==> flow/design.v <==
module cpu_comparator_stage #(
  parameter integer WD = 12,
  parameter integer WAYS = 8
) (
  input wire clk,
  input wire step,
  input wire [WAYS*WD-1:0] i_bus,
  output wire [WD-1:0] o_max_o
);
  reg [WAYS*WD-1:0] bus_r;
  always @(posedge clk) begin
    if (step) begin
      bus_r <= i_bus;
    end
  end
  wire [WD-1:0] nd [1:2*WAYS-1];
  genvar k;
  generate
    for (k = 0; k < WAYS; k = k + 1) begin : slice
      assign nd[WAYS+k] = bus_r[k*WD +: WD];
    end
    for (k = 1; k < WAYS; k = k + 1) begin : g_bit
      assign nd[k] = (nd[2*k] > nd[2*k+1]) ? nd[2*k] : nd[2*k+1];
    end
  endgenerate
  reg [WD-1:0] max_o_r;
  always @(posedge clk) begin
    if (step) begin
      max_o_r <= nd[1];
    end
  end
  assign o_max_o = max_o_r;
endmodule
Step by step through the tools: cpu_comparator_stage
What the tools print for cpu_comparator_stage, step after step.
Line numbers count from 1 in the design file above.
Operators: Yosys type, input widths -> output width; for muxes data width and select width s.
{ "design": {"design": "cpu_comparator_stage", "clock": "clk", "library": "sky130hd", "lib_corner": "tt_025C_1v80"} }

Word level
Source: Yosys, flattened and elaborated. Widths are those after wreduce; folded enables and synchronous resets count as part of the registers. Registers that Yosys merges into a memory's read port (data or address) are not register bits. Print and check cells do not count. Equal cells are merged and count once.
{ "word_totals": {"output_inout_bits": 12, "inputBits": 98, "reg_bits": 108} }
{ "op_classes": {"n_cmp": 7, "muxes": 7} }
{ "op_table": {"columns": ["op", "n"], "rows": [
  ["$gt 12x12->1", 7],
  ["$mux 12", 7]
]} }

Depth
Depth = most cells in a row (Yosys ltp): at word level without a register or memory, in the mapped netlist without a sequential cell, where the memories' decode and read muxes count.
{ "logic_depth": {"ltp_word": 6, "abc_area": 1, "ltp_mapped": 41} }

Synthesis result
The flow's flattened synthesis, as Yosys stat reports it; memories are mapped. The netlist is that of the ABC_AREA named above (0 if unset); the other value can give another one.
{ "by_type": {"columns": ["cell", "n", "area_total_um2"], "rows": [
  ["sky130_fd_sc_hd__edfxtp_1", 108, 3243.11],
  ["sky130_fd_sc_hd__ha_1", 82, 1.03E+03],
  ["sky130_fd_sc_hd__nand2_1", 178, 668.141],
  ["sky130_fd_sc_hd__inv_1", 121, 454.186],
  ["sky130_fd_sc_hd__nand3_1", 59, 295.283],
  ["sky130_fd_sc_hd__o21ai_0", 46, 230.221],
  ["sky130_fd_sc_hd__a21oi_1", 27, 135.13],
  ["sky130_fd_sc_hd__nand2_2", 21, 131.376],
  ["sky130_fd_sc_hd__and2_1", 15, 93.84],
  ["sky130_fd_sc_hd__nand3_2", 8, 80.077],
  ["sky130_fd_sc_hd__nor2_1", 21, 78.826],
  ["sky130_fd_sc_hd__nor2_2", 8, 50.048],
  ["sky130_fd_sc_hd__nand2_4", 3, 33.782],
  ["sky130_fd_sc_hd__a21o_1", 4, 30.029],
  ["sky130_fd_sc_hd__clkbuf_1", 8, 30.029],
  ["sky130_fd_sc_hd__nand3b_1", 4, 30.029],
  ["sky130_fd_sc_hd__nand4_1", 4, 25.024],
  ["sky130_fd_sc_hd__buf_6", 2, 22.522]
]} }
Other cell types: 9; their cells: 15.
{ "synth_totals": {"mapped_cells": 734, "ffs": 108, "synth_area_um2": 6764.0} }

Timing after synthesis
OpenSTA on the mapped netlist: ideal clock, no wires. The path of least setup slack (recovery checks aside). Input and output delay are each 20% of the period. Register names are those of the netlist, which keeps one name where synthesis merged equal registers.
{ "synth_timing": {"path_type": "flip-flop to flip-flop", "from": "reg bus_r[31]", "to": "reg max_o_r[2]", "t_arrival_ns": 4.314, "path_delay_ns": 4.567, "t_first_pin_ns": 0.000, "slack_ns": 2.403, "tclk_ns": 6.97, "stages": 36, "n_path_buf": 3, "required_ns": 6.717, "period_less_setup_slack_ns": 4.567} }
"path_delay_ns" is the arrival time less input delay plus setup time.
"stages": output pins that drive a net of the path, with the launching flip-flop's if there is one; two outputs of one cell count as two.
"period_less_setup_slack_ns" is the clock period less the worst setup slack; recovery checks do not enter. This is arithmetic on one report: input and output delays are still those of the set period (20% each).
Between the ends stands the longest chain of elaborated cells between them, by number of cells; it is not shown to be the way that was timed. Of several equally long chains one is given.
A line is the first line of the expression or statement that the cell stems from. Yosys adds cells for indexed reads and writes and turns some case tables into memories.
{ "synth_via": {"cell_sequence": "sky130_fd_sc_hd__edfxtp_1 -> sky130_fd_sc_hd__ha_1 -> sky130_fd_sc_hd__nand2_1 -> sky130_fd_sc_hd__nor2_1 -> sky130_fd_sc_hd__and2_1 -> sky130_fd_sc_hd__nand2_1 -> sky130_fd_sc_hd__nand3_2 -> sky130_fd_sc_hd__nand2_2 -> sky130_fd_sc_hd__clkbuf_1 -> sky130_fd_sc_hd__nand2_1 -> sky130_fd_sc_hd__o21ai_0 -> sky130_fd_sc_hd__ha_1 -> sky130_fd_sc_hd__a21oi_1 -> sky130_fd_sc_hd__nor2_1 -> sky130_fd_sc_hd__a211oi_1 -> sky130_fd_sc_hd__nor2_1 -> sky130_fd_sc_hd__nor2_2 -> sky130_fd_sc_hd__nand2_4 -> sky130_fd_sc_hd__nand2_4 -> sky130_fd_sc_hd__buf_8 -> sky130_fd_sc_hd__nand2_2 -> sky130_fd_sc_hd__and2_1 -> sky130_fd_sc_hd__ha_1 -> sky130_fd_sc_hd__nand2_1 -> sky130_fd_sc_hd__inv_1 -> sky130_fd_sc_hd__nand3_1 -> sky130_fd_sc_hd__nor3_1 -> sky130_fd_sc_hd__inv_1 -> sky130_fd_sc_hd__a21oi_1 -> sky130_fd_sc_hd__nor3_1 -> sky130_fd_sc_hd__o211ai_1 -> sky130_fd_sc_hd__o21a_1 -> sky130_fd_sc_hd__inv_1 -> sky130_fd_sc_hd__buf_2 -> sky130_fd_sc_hd__nand3_1 -> sky130_fd_sc_hd__nand2_1", "elab_chain_len": 6, "cone_cells": 6, "cone_lines": 1} }
{ "synth_lines": {"columns": ["item", "line_no", "source"], "rows": [
  ["start: declaration", 10, "reg [WAYS*WD-1:0] bus_r;"],
  ["start: assignment", 13, "bus_r <= i_bus;"],
  ["$gt 12x12->1", 23, "assign nd[k] = (nd[2*k] > nd[2*k+1]) ? nd[2*k] : nd[2*k+1];"],
  ["$mux 12", 23, null],
  ["$gt 12x12->1", 23, null],
  ["$mux 12", 23, null],
  ["$gt 12x12->1", 23, null],
  ["$mux 12", 23, null],
  ["end: assignment", 29, "max_o_r <= nd[1];"],
  ["end: declaration", 26, "reg [WD-1:0] max_o_r;"]
]} }

Path in the finished layout
From the final timing report of flow run 1: the path of least setup slack in the routed layout; clock arrival at registers is part of the times.
{ "layout_timing": {"path_type": "flip-flop to flip-flop", "from": "reg bus_r[33]", "to": "reg max_o_r[7]", "slack_ns": -1.76, "stages": 33, "tclk_ns": 3.39, "t_first_pin_ns": 0.36, "required_ns": 3.52, "t_arrival_ns": 5.28, "n_path_buf": 1} }
Between the ends stands the longest chain of elaborated cells between them, by number of cells; it is not shown to be the way that was timed. Of several equally long chains one is given.
{ "layout_via": {"cell_sequence": "sky130_fd_sc_hd__edfxtp_1 -> sky130_fd_sc_hd__ha_4 -> sky130_fd_sc_hd__nand2_1 -> sky130_fd_sc_hd__nor2_4 -> sky130_fd_sc_hd__and2_4 -> sky130_fd_sc_hd__nand2_2 -> sky130_fd_sc_hd__nand3_4 -> sky130_fd_sc_hd__nand2_8 -> sky130_fd_sc_hd__buf_12 -> sky130_fd_sc_hd__o21ai_4 -> sky130_fd_sc_hd__ha_4 -> sky130_fd_sc_hd__a21oi_2 -> sky130_fd_sc_hd__nor2_1 -> sky130_fd_sc_hd__a211oi_2 -> sky130_fd_sc_hd__nor2_4 -> sky130_fd_sc_hd__nor2_4 -> sky130_fd_sc_hd__nand2_8 -> sky130_fd_sc_hd__nand2_8 -> sky130_fd_sc_hd__nand2_4 -> sky130_fd_sc_hd__and2_4 -> sky130_fd_sc_hd__ha_4 -> sky130_fd_sc_hd__nand2_4 -> sky130_fd_sc_hd__inv_4 -> sky130_fd_sc_hd__nand3_4 -> sky130_fd_sc_hd__nor3_4 -> sky130_fd_sc_hd__inv_2 -> sky130_fd_sc_hd__a21oi_2 -> sky130_fd_sc_hd__nor3_1 -> sky130_fd_sc_hd__o211ai_1 -> sky130_fd_sc_hd__o21a_4 -> sky130_fd_sc_hd__clkinvlp_4 -> sky130_fd_sc_hd__nand3_2 -> sky130_fd_sc_hd__nand2_2", "elab_chain_len": 6, "cone_cells": 6, "cone_lines": 1} }
{ "layout_lines": {"columns": ["item", "line_no", "source"], "rows": [
  ["start: declaration", 10, "reg [WAYS*WD-1:0] bus_r;"],
  ["start: assignment", 13, "bus_r <= i_bus;"],
  ["$gt 12x12->1", 23, "assign nd[k] = (nd[2*k] > nd[2*k+1]) ? nd[2*k] : nd[2*k+1];"],
  ["$mux 12", 23, null],
  ["$gt 12x12->1", 23, null],
  ["$mux 12", 23, null],
  ["$gt 12x12->1", 23, null],
  ["$mux 12", 23, null],
  ["end: assignment", 29, "max_o_r <= nd[1];"],
  ["end: declaration", 26, "reg [WD-1:0] max_o_r;"]
]} }

Wiki page: cpu_comparator_stage / flow data

Below are 3 stored runs of the flow (Yosys, OpenROAD; platform sky130hd) on cpu_comparator_stage, each with its settings and what was measured, unordered. Constraints: input delay and output delay 20% of the set period each, output load 0.01 pF.
By "achieved clock period (ns)" is meant the clock period of the run minus its worst setup slack. This is arithmetic on one report: input and output delays are still those of the set period (20% each).
"worst setup path time (ns)" is the time allowed to the run's worst setup path (the clock period less input and output delay, where it has them) less its slack. Clock arrival times count: a late capture clock shortens it, a late launch clock lengthens it.
"finish__power__total" is the tool's figure for a default switching activity; nothing was simulated.

settings of flow run 1
{
  "period_ns": 3.39,
  "CORE_UTILIZATION": 43,
  "CORE_ASPECT_RATIO": 0.98,
  "TNS_END_PERCENT": 25,
  "ABC_AREA": 1,
  "GPL_ROUTABILITY_DRIVEN": 0,
  "CTS_CLUSTER_DIAMETER": 379,
  "CAP_MARGIN": 40,
  "MIN_ROUTING_LAYER": "met2",
  "CORE_MARGIN": 2,
  "SLEW_MARGIN": 20
}
report of flow run 1
yosys chip area after synthesis (um^2): 6764.0
finish__design__die__area: 16749.9
finish__design__instance__area__stdcell: 11551.1
finish__design__instance__utilization: 0.7487
finish__timing__setup__ws: -1.761
finish__timing__setup__tns: -20.308
finish__timing__hold__ws: 0.841
finish__power__total: 7.324e-03
achieved clock period (ns): 5.151
worst setup path time (ns): 5.15
worst setup path kind: flip-flop to flip-flop

settings of flow run 2
{
  "period_ns": 9.97,
  "CORE_UTILIZATION": 51,
  "SETUP_SLACK_MARGIN": 1.89,
  "CORE_MARGIN": 8,
  "CELL_PAD_IN_SITES_GLOBAL_PLACEMENT": 2,
  "CELL_PAD_IN_SITES_DETAIL_PLACEMENT": 1,
  "ABC_AREA": 1,
  "MIN_ROUTING_LAYER": "met2",
  "CAP_MARGIN": 20,
  "SLEW_MARGIN": 20
}
report of flow run 2: did not finish, place, GPL-0301

settings of flow run 3
{
  "period_ns": 6.97,
  "CAP_MARGIN": 20,
  "CORE_MARGIN": 2,
  "CORE_UTILIZATION": 40,
  "SLEW_MARGIN": 20
}
report of flow run 3
yosys chip area after synthesis (um^2): 6262.3
finish__design__die__area: 16672.0
finish__design__instance__area__stdcell: 7927.6
finish__design__instance__utilization: 0.5196
finish__timing__setup__ws: 0.719
finish__timing__setup__tns: 0.000
finish__timing__hold__ws: 0.905
finish__power__total: 2.277e-03
achieved clock period (ns): 6.251
worst setup path time (ns): 6.25
worst setup path kind: flip-flop to flip-flop
